==> flow/design.v <==
module mul_rtl #(
   parameter XLEN = 16
) (
   input wire aclk,
   input wire aresetn,
   input wire [XLEN-1:0] lhs,
   input wire [XLEN-1:0] rhs,
   input wire load,
   output wire [2*XLEN-1:0] mul,
   output wire fin
);
   localparam SEL_W = $clog2(XLEN + 1);
   reg [XLEN-1:0] mcand;
   reg [SEL_W-1:0] steps;
   reg [2*XLEN-1:0] run_sum;
   wire [XLEN:0] t = run_sum[2*XLEN-1:XLEN] + (run_sum[0] ? mcand : {XLEN{1'b0}});
   assign mul = run_sum;
   assign fin = (steps == 0);
   always @(posedge aclk or negedge aresetn) begin
      if (~aresetn) begin
         mcand <= 0;
         steps <= 0;
         run_sum <= 0;
      end else begin
         mcand <= load ? lhs : mcand;
         steps <= load ? XLEN : (steps != 0) ? steps - 1'b1 : steps;
         run_sum <= load ? {{XLEN{1'b0}}, rhs} : (steps != 0) ? {t, run_sum[XLEN-1:1]} : run_sum;
      end
   end
endmodule
Reports on mul_rtl
What the tools print for mul_rtl, step after step.
Lines are those of the file above, counted from 1.
Operators carry their Yosys type and port widths (W data, S select, Z words).
Library cell names are shortened.
A cell with - has no value.

set-up
  top = mul_rtl
  clock = aclk
  cell library = sky130hd
  library corner = tt_025C_1v80

Word-level counts
Yosys after proc, flatten, opt, wreduce and memory -nomap, before mapping. Memory bits, and registers merged into a memory's read port (data or address), are not among the register bits. Print and check cells are not counted. Equal cells are merged and count once.

cells by class
  reductions and logical operators = 3
  multiplexer cells = 5
  add/sub/neg operators = 2

operators by type and width
  operator               count
  $mux W32               2
  $add A16 B16 Y17       1
  $mux W16               1
  $mux W5                2
  $sub A5 B1 Y5 const B  1
  $logic_not A5 Y1       1
  $reduce_bool A5 Y1     1
  $reduce_bool A2 Y1     1

bit counts
  elaborated cells = 13
  register bits = 53
  output and inout port bits = 33
  input port bits = 35

Depth
Depth = most cells in a row (Yosys ltp): at word level without a register or memory, in the mapped netlist without a sequential cell, where the memories' decode and read muxes count.

depth
  depth in word-level cells = 4
  ABC_AREA = 0
  mapped depth = 11
  gate-level depth less buffers = 10

Netlist
The flow's flattened synthesis, as Yosys stat reports it; memories are mapped. The netlist is that of the ABC_AREA named above (0 if unset); the other value can give another one.

synthesis totals
  cell area after synthesis = 3094.2 um^2
  flip-flop cells = 53
  buffer cells = 16
  area of sequential cells = 1326.3 um^2
  standard cells after synthesis = 316

cell types
  type      count  total area (um^2)
  dfrtp_1   53     1.33E+03
  ha_1      18     225.216
  mux2_2    16     180.173
  mux2i_1   17     170.163
  o21ai_0   28     140.134
  nand2_1   36     135.13
  a21oi_1   21     105.101
  and2_1    16     100.096
  nor2_1    14     52.55
  clkbuf_1  12     45.043
  xnor2_1   5      43.792
  nand3_1   7      35.034
  o31a_1    4      35.034
  a211oi_1  4      30.029
  a21o_1    4      30.029
  nor3_1    6      30.029
  o21a_1    4      30.029
  inv_1     7      26.275

Other cell types: 28; their cells: 44.

Worst setup path after synthesis
Source: OpenSTA report_checks on the synthesized netlist (no wires, ideal clock, input and output delay 20% of the period each), path of least setup slack; recovery checks are left aside. Register names are those of the netlist, which keeps one name where synthesis merged equal registers.

path post-synthesis
  kind = reg-to-reg
  start point = register run_sum[0]
  end point = register run_sum[25]
  driving pins on the path = 12
  path delay = 2568 ps
  time at the first pin = 0 ps
  path slack = 642 ps
  setup time = 69 ps
  required time = 3141 ps
  arrival = 2499 ps
  buffers on the path = 1
  period = 3210 ps
  synthesis period reached = 2568 ps

"path delay" is the arrival time less input delay plus setup time.
"driving pins on the path": output pins that drive a net of the path, with the launching flip-flop's if there is one; two outputs of one cell count as two.
"synthesis period reached" is the clock period less the worst setup slack; recovery checks do not enter. This is arithmetic on one report: input and output delays are still those of the set period (20% each).
Between the ends stands the longest chain of elaborated cells between them, by number of cells; it is not shown to be the way that was timed. Of several equally long chains one is given.
Each line given opens the expression or statement behind the cell; cells for indexed reads and writes are added by Yosys, which also makes memories of some case tables.

between the ends, post-synthesis
  cell sequence = dfrtp_1 clkbuf_1 and2_1 ha_1 inv_1 fa_1 nor2b_4 o31a_1 o31a_1 a41oi_1 or4_1 nand3_1
  length of the longest elaborated chain = 4
  elaborated cells between the ends (all ways) = 4
  RTL lines with such cells = 2
  those cells by class = add/sub: 1; mux: 3

RTL lines, path post-synthesis
  item              line  text
  from (decl)       15    reg [2*XLEN-1:0] run_sum;
  from (assign)     23    run_sum <= 0;
  from (assign)     27    run_sum <= load ? {{XLEN{1'b0}}, rhs} : (steps != 0) ? {t, run_sum[XLEN-1:1]} : run_sum;
  $mux W16          16    wire [XLEN:0] t = run_sum[2*XLEN-1:XLEN] + (run_sum[0] ? mcand : {XLEN{1'b0}});
  $add A16 B16 Y17  16
  $mux W32 x2       27
  to (assign)       23
  to (assign)       27
  to (decl)         15

Timing after layout
Path of least setup slack in the final report of job 1 (OpenROAD, finished layout, wires in). Where an end is a register, its clock arrival counts in the times.
The path's times are printed in steps of 10 ps; the period is the one set.

path post-layout
  kind = reg-to-output
  start point = register steps[0]
  end point = output port fin
  driving pins on the path = 8
  path slack = 380 ps
  period = 2870 ps
  required time = 2300 ps
  buffers on the path = 3
  time at the first pin = 300 ps
  external output delay = 570 ps
  arrival = 1910 ps

Between the ends stands the longest chain of elaborated cells between them, by number of cells; it is not shown to be the way that was timed. Of several equally long chains one is given.

between the ends, post-layout
  cell sequence = dfrtp_1 inv_1 ha_1 or4b_1 buf_2 inv_4 buf_8 buf_4
  length of the longest elaborated chain = 1
  elaborated cells between the ends (all ways) = 1
  RTL lines with such cells = 1
  those cells by class = reduce/logical: 1

RTL lines, path post-layout
  item              line  text
  from (decl)       14    reg [SEL_W-1:0] steps;
  from (assign)     22    steps <= 0;
  from (assign)     26    steps <= load ? XLEN : (steps != 0) ? steps - 1'b1 : steps;
  $logic_not A5 Y1  18    assign fin = (steps == 0);
  to (decl)         10    output wire fin

Add stored flow runs of mul_rtl

Module mul_rtl, platform sky130hd: 3 stored runs of the flow (Yosys, OpenROAD) with differing settings, in no particular order. Input and output delays are each 20% of the period that was set; the output load is 0.01 pF.
By "clock period reached" is meant the clock period of the run minus its worst setup slack. This is arithmetic on one report: input and output delays are still those of the set period (20% each).
"time of the worst setup path" = time allowed to the worst setup path (clock period - input delay - output delay, where it has them) - its slack; a late launch clock adds to it, a late capture clock takes from it.
"power consumption" rests on the timing tool's default activity at the inputs, not on a simulated workload.
"time of the worst setup path" is given in steps of 10 ps.
Settings: -- = not set for that run.
Results: -- = not shown.

name                                    job 1          job 2  job 3
period_ns                               2.87           4.54   3.21
CORE_UTILIZATION                        16             58     40
SETUP_SLACK_MARGIN                      0.36           0.41   --
PLACE_DENSITY_LB_ADDON                  0.14           0.15   --
HOLD_SLACK_MARGIN                       0.28           --     --
CELL_PAD_IN_SITES_GLOBAL_PLACEMENT      3              0      --
GPL_TIMING_DRIVEN                       0              --     --
MAX_ROUTING_LAYER                       met5           --     --
CAP_MARGIN                              20             20     20
CORE_MARGIN                             2              2      2
SLEW_MARGIN                             20             20     20
CELL_PAD_IN_SITES_DETAIL_PLACEMENT      --             2      --
TNS_END_PERCENT                         --             55     --
ABC_AREA                                --             1      --
GPL_ROUTABILITY_DRIVEN                  --             0      --
MIN_ROUTING_LAYER                       --             met1   --
clock period reached (ps)               2487           --     2723
netlist area reported by Yosys (um^2)   3094.2         --     3094.2
time of the worst setup path (ps)       1910           --     2080
kind of the worst setup path            reg-to-output  --     reg-to-output
standard-cell area after layout (um^2)  4578.1         --     3973.8
power consumption (µW)                  3376           --     2610
total negative slack (ps)               0              --     0
final utilization                       0.243          --     0.522
total die area (um^2)                   20467.6        --     8454.8
worst setup slack after layout (ps)     383            --     487

Job 2: no results, placement failed with DPL-0033
